==> flow/design.v <==
module gen_arith_v2 #(
  parameter DWIDTH = 4
) (
  input clk,
  input valid,
  input [DWIDTH-1:0] first,
  input [DWIDTH-1:0] second,
  input mode,
  output [DWIDTH-1:0] result
);
  reg [DWIDTH-1:0] first_r;
  reg [DWIDTH-1:0] second_r;
  reg mode_r;
  always @(posedge clk) begin
    if (valid) begin
      first_r <= first;
      second_r <= second;
      mode_r <= mode;
    end
  end
  reg [DWIDTH-1:0] t;
  always @* begin
    if (mode_r)
      t = first_r - second_r;
    else
      t = first_r + second_r;
  end
  assign result = t;
endmodule
Wiki page: gen_arith_v2 / tool data

Tool chain data of gen_arith_v2

Tool output for the members of one design family, told apart by "DWIDTH", in the order of the flow.
The RTL above is that of DWIDTH = 4; lines are counted from 1 in the file of the member named.
Cell names lack the library's common part.
Not given: --

Top: gen_arith_v2
Clock input: clk
Library: sky130hd
Corner: tt_025C_1v80

Source of the members

New or changed lines of each further member against the RTL above, in its own file; lines it lacks are not shown.

Lines new or changed:

| DWIDTH | RTL line | text |
| 7      | 2        | `parameter DWIDTH = 7` |
| 10     | 2        | `parameter DWIDTH = 10` |
| 16     | 2        | `parameter DWIDTH = 16` |
| 20     | 2        | `parameter DWIDTH = 20` |
| 40     | 2        | `parameter DWIDTH = 40` |
| 96     | 2        | `parameter DWIDTH = 96` |

After elaboration

Source: Yosys, flattened and elaborated, memories not mapped. Widths are those after wreduce; folded enables and synchronous resets count as part of the registers. Registers that Yosys merges into a memory's read port (data or address) are not register bits. Print and check cells do not count. Equal cells are merged and count once.

Bit counts:

| DWIDTH | word width x clocked read ports | RAM bits | bits in latches | output and inout bits | register bits after elaboration | memory bits (read-only) | word-level cells | memory cells |
| 4      | 0                               | 0        | 0               | 4                     | 9                               | 0                       | 6                | 0 |
| 7      | 0                               | 0        | 0               | 7                     | 15                              | 0                       | 6                | 0 |
| 10     | 0                               | 0        | 0               | 10                    | 21                              | 0                       | 6                | 0 |
| 16     | 0                               | 0        | 0               | 16                    | 33                              | 0                       | 6                | 0 |
| 20     | 0                               | 0        | 0               | 20                    | 41                              | 0                       | 6                | 0 |
| 40     | 0                               | 0        | 0               | 40                    | 81                              | 0                       | 6                | 0 |
| 96     | 0                               | 0        | 0               | 96                    | 193                             | 0                       | 6                | 0 |

Operators by class:

| DWIDTH | div/mod/pow operators | $add $sub $neg | bitwise logic cells | reductions and logical operators | magnitude comparators | mux-type cells | shifts and indexed selects | equal/unequal tests | multipliers |
| 4      | 0                     | 2              | 0                   | 0                                | 0                     | 1              | 0                          | 0                   | 0 |
| 7      | 0                     | 2              | 0                   | 0                                | 0                     | 1              | 0                          | 0                   | 0 |
| 10     | 0                     | 2              | 0                   | 0                                | 0                     | 1              | 0                          | 0                   | 0 |
| 16     | 0                     | 2              | 0                   | 0                                | 0                     | 1              | 0                          | 0                   | 0 |
| 20     | 0                     | 2              | 0                   | 0                                | 0                     | 1              | 0                          | 0                   | 0 |
| 40     | 0                     | 2              | 0                   | 0                                | 0                     | 1              | 0                          | 0                   | 0 |
| 96     | 0                     | 2              | 0                   | 0                                | 0                     | 1              | 0                          | 0                   | 0 |

Operators by type and width:

| DWIDTH | kinds with counts |
| 4      | 4-bit adder (1); 4-bit subtractor (1); 4-bit two-way mux (1) |
| 7      | 7-bit adder (1); 7-bit subtractor (1); 7-bit two-way mux (1) |
| 10     | 10-bit adder (1); 10-bit subtractor (1); 10-bit two-way mux (1) |
| 16     | 16-bit adder (1); 16-bit subtractor (1); 16-bit two-way mux (1) |
| 20     | 20-bit adder (1); 20-bit subtractor (1); 20-bit two-way mux (1) |
| 40     | 40-bit adder (1); 40-bit subtractor (1); 40-bit two-way mux (1) |
| 96     | 96-bit adder (1); 96-bit subtractor (1); 96-bit two-way mux (1) |

Logic depth

Yosys ltp: most cells in a row. Word level: on the elaborated netlist, between registers, memories and ports. Mapped: between sequential cells and ports; inverters and the memories' decode and read muxes count.

Depth:

| DWIDTH | depth in word-level cells | ABC_AREA | mapped depth | gate-level depth less buffers |
| 4      | 2                         | 0        | 8            | 8 |
| 7      | 2                         | 0        | 10           | 10 |
| 10     | 2                         | 0        | 12           | 12 |
| 16     | 2                         | 0        | 14           | 14 |
| 20     | 2                         | 0        | 14           | 14 |
| 40     | 2                         | 0        | 18           | 17 |
| 96     | 2                         | 0        | 25           | 22 |

Mapped cells and area

The flow's flattened synthesis, as Yosys stat reports it; memories are mapped. The netlist is that of the ABC_AREA named above (0 if unset); the other value can give another one.
Totals and module areas in this step are rounded.

Mapped netlist:

| DWIDTH | buffers | chip area (Yosys) (um^2) | mapped cells | mapped flip-flops |
| 4      | 0       | 455                      | 33           | 9 |
| 7      | 0       | 826                      | 65           | 15 |
| 10     | 1       | 1220                     | 102          | 21 |
| 16     | 1       | 1980                     | 169          | 33 |
| 20     | 3       | 2680                     | 247          | 41 |
| 40     | 16      | 5590                     | 544          | 81 |
| 96     | 59      | 13900                    | 1441         | 193 |

Cells by type:

| DWIDTH | types with counts |
| 4      | edfxtp_1 (9); ha_1 (4); xnor2_1 (4); inv_1 (8); fa_1 (1); mux2_2 (1); nor3_2 (1); xor2_1 (1); a21o_1 (1); nor2_1 (2); a21oi_1 (1) |
| 7      | edfxtp_1 (15); ha_1 (7); xnor2_1 (8); inv_1 (6); nor2_1 (6); a21oi_1 (4); fa_1 (1); xor2_1 (2); o21a_1 (2); nor2b_1 (2); mux2i_1 (1); nor3_1 (2); a311oi_1 (1); o2111ai_1 (1); o311ai_1 (1); a211oi_1 (1); a21o_1 (1); nor3b_1 (1); [+3] |
| 10     | edfxtp_1 (21); ha_1 (10); xnor2_1 (11); a21oi_1 (11); xor2_1 (5); nor2_1 (8); inv_1 (7); nor4b_4 (1); o21a_1 (3); fa_1 (1); nor3_1 (4); o21ai_0 (4); o21bai_1 (2); mux2i_1 (1); and4_1 (1); o31a_1 (1); a211oi_1 (1); and2b_1 (1); [+9] |
| 16     | edfxtp_1 (33); xnor2_1 (23); ha_1 (16); a21oi_1 (17); nor2_1 (14); xor2_1 (6); inv_1 (9); nand2b_1 (5); o21ai_0 (6); a31oi_1 (4); nand2_1 (6); fa_1 (1); o41ai_2 (1); a2111oi_2 (1); a21o_1 (2); a221oi_2 (1); nor3_1 (3); o211ai_1 (2); [+19] |
| 20     | edfxtp_1 (41); ha_1 (20); xnor2_1 (27); a21oi_1 (22); nor2_1 (24); inv_1 (14); xor2_1 (6); nor3_1 (10); o21ai_0 (9); a21o_1 (5); nand2_1 (9); a31oi_1 (5); nor2b_1 (5); mux2i_1 (3); o21a_1 (3); nor4_4 (1); fa_1 (1); a221oi_1 (2); [+40] |
| 40     | edfxtp_1 (81); xnor2_1 (58); ha_1 (40); a21oi_1 (58); a21o_1 (28); nor2_1 (48); nand2_1 (35); xor2_1 (15); inv_1 (25); o21ai_0 (18); a31oi_1 (12); nor3_1 (12); clkbuf_1 (14); o211ai_1 (7); o21a_1 (7); nor4b_4 (2); a211oi_1 (6); nand4_1 (7); [+71] |
| 96     | edfxtp_1 (193); xnor2_1 (143); ha_1 (97); a21oi_1 (149); a21o_1 (71); nor2_1 (128); xor2_1 (45); nand2_1 (101); o21ai_0 (67); nor3_1 (49); nand4_1 (39); a31oi_1 (34); clkbuf_1 (52); o21bai_1 (22); and3_1 (21); inv_1 (32); nand3_1 (23); nor4_1 (18); [+157] |

A list marked [+n] leaves out that many cells.

Path before layout

OpenSTA on the mapped netlist: ideal clock, no wires. The path of least setup slack (recovery checks aside). Input and output delay are each 20% of the period. Register names are those of the netlist, which keeps one name where synthesis merged equal registers.

Path post-synthesis:

| DWIDTH | kind    | from                  | to                     | slack (ns) | driving pins on the path | delay of the path (ns) | period (ns) | synthesis period reached (ns) |
| 4      | reg2out | register second_r[0]  | output port result[3]  | 0.436      | 9                        | 1.732                  | 2.71        | 2.274 |
| 7      | reg2out | register second_r[0]  | output port result[5]  | 0.498      | 9                        | 2.006                  | 3.13        | 2.632 |
| 10     | reg2out | register second_r[0]  | output port result[7]  | 0.515      | 10                       | 2.069                  | 3.23        | 2.715 |
| 16     | reg2out | register second_r[0]  | output port result[12] | 0.701      | 14                       | 2.803                  | 4.38        | 3.679 |
| 20     | reg2out | register second_r[5]  | output port result[19] | 0.809      | 14                       | 3.231                  | 5.05        | 4.241 |
| 40     | reg2out | register second_r[3]  | output port result[37] | 0.984      | 17                       | 3.928                  | 6.14        | 5.156 |
| 96     | reg2out | register second_r[13] | output port result[86] | 1.214      | 22                       | 4.858                  | 7.59        | 6.376 |

"delay of the path" is the arrival time less input delay plus setup time.
At an output port there is no setup time.
"driving pins on the path" counts driving pins, that of a launching flip-flop among them; a cell with two outputs on the path counts twice.
"synthesis period reached" = period - worst setup slack (recovery checks aside). The figure is calculated, with input and output delays left at 20% of the set period.
Between the ends stands the longest chain of elaborated cells between them, by number of cells; it is not shown to be the way that was timed. Of several equally long chains one is given.
A line is the first line of the expression or statement that the cell stems from. Yosys adds cells for indexed reads and writes and turns some case tables into memories.

On the way, post-synthesis, DWIDTH = 4:
Cells in the longest elaborated chain: 2

Ends and longest elaborated chain, post-synthesis, DWIDTH = 4:

| what               | RTL line | text |
| start: declaration | 12       | `reg [DWIDTH-1:0] second_r;` |
| start: assignment  | 17       | `second_r <= second;` |
| 4-bit adder        | 26       | `t = first_r + second_r;` |
| 4-bit two-way mux  | 23       | `if (mode_r)` |
| end: declaration   | 9        | `output [DWIDTH-1:0] result` |

On the way, post-synthesis, DWIDTH = 96:
Cells in the longest elaborated chain: 2

Ends and longest elaborated chain, post-synthesis, DWIDTH = 96:

| what               | RTL line | text |
| start: declaration | 12       | `reg [DWIDTH-1:0] second_r;` |
| start: assignment  | 17       | `second_r <= second;` |
| 96-bit adder       | 26       | `t = first_r + second_r;` |
| 96-bit two-way mux | 23       | `if (mode_r)` |
| end: declaration   | 9        | `output [DWIDTH-1:0] result` |

Path in the finished layout

From the final timing report of the run of each member: the path of least setup slack in the routed layout; clock arrival at registers is part of the times.

Path post-layout:

| DWIDTH | kind    | from                  | to                     | driving pins on the path | buffers on the path | slack (ns) | arrival time (ns) | period (ns) |
| 4      | reg2out | register second_r[1]  | output port result[1]  | 8                        | 2                   | 0.08       | 2.09              | 2.71 |
| 7      | reg2out | register second_r[0]  | output port result[4]  | 10                       | 2                   | 0.12       | 2.38              | 3.13 |
| 10     | reg2out | register second_r[1]  | output port result[5]  | 11                       | 1                   | 0.02       | 2.56              | 3.23 |
| 16     | reg2out | register second_r[1]  | output port result[13] | 17                       | 2                   | 0.08       | 3.43              | 4.38 |
| 20     | reg2out | register second_r[3]  | output port result[16] | 14                       | 1                   | 0.13       | 3.91              | 5.05 |
| 40     | reg2out | register second_r[16] | output port result[37] | 17                       | 2                   | 0.13       | 4.78              | 6.14 |
| 96     | reg2out | register second_r[14] | output port result[87] | 21                       | 3                   | 0.06       | 6.01              | 7.59 |

Layout results

Settings and results of one run of the flow (Yosys, OpenROAD) for each member follow. The constraints put input and output delay at 20% of the set period each and load the outputs with 0.01 pF.

CAP_MARGIN: 20
CORE_MARGIN: 2
CORE_UTILIZATION: 40
SLEW_MARGIN: 20

Settings that differ:

| DWIDTH | period_ns |
| 4      | 2.71 |
| 7      | 3.13 |
| 10     | 3.23 |
| 16     | 4.38 |
| 20     | 5.05 |
| 40     | 6.14 |
| 96     | 7.59 |

Results:

| DWIDTH | synthesis area (um^2) | worst hold slack after layout (ns) | clock period reached (ns) | standard-cell area of the final layout (um^2) | die outline area (um^2) | utilization (%) | smallest setup slack (ns) | total power of the final layout (µW) | total negative slack (ns) |
| 4      | 455                   | 0.838                              | 2.630                     | 679                                           | 1420                    | 62.8            | 0.080                     | 395                                  | 0.000 |
| 7      | 826                   | 0.899                              | 3.007                     | 1200                                          | 2440                    | 61.3            | 0.123                     | 625                                  | 0.000 |
| 10     | 1220                  | 0.886                              | 3.209                     | 1790                                          | 3500                    | 60.2            | 0.021                     | 881                                  | 0.000 |
| 16     | 1980                  | 1.14                               | 4.301                     | 2830                                          | 5530                    | 59.4            | 0.079                     | 1190                                 | 0.000 |
| 20     | 2680                  | 1.27                               | 4.918                     | 3620                                          | 7370                    | 56.3            | 0.132                     | 1250                                 | 0.000 |
| 40     | 5590                  | 1.45                               | 6.008                     | 7590                                          | 14900                   | 55.1            | 0.132                     | 2300                                 | 0.000 |
| 96     | 13900                 | 1.52                               | 7.527                     | 19200                                         | 36400                   | 55.6            | 0.063                     | 4760                                 | 0.000 |

"clock period reached" = clock period - worst setup slack. The figure is calculated, with input and output delays left at 20% of the set period.
By "total power of the final layout" is meant OpenSTA's value without simulated activity: inputs other than the clock are taken to toggle once in ten clock periods, and the tool carries that through the logic.
Measured values are rounded.
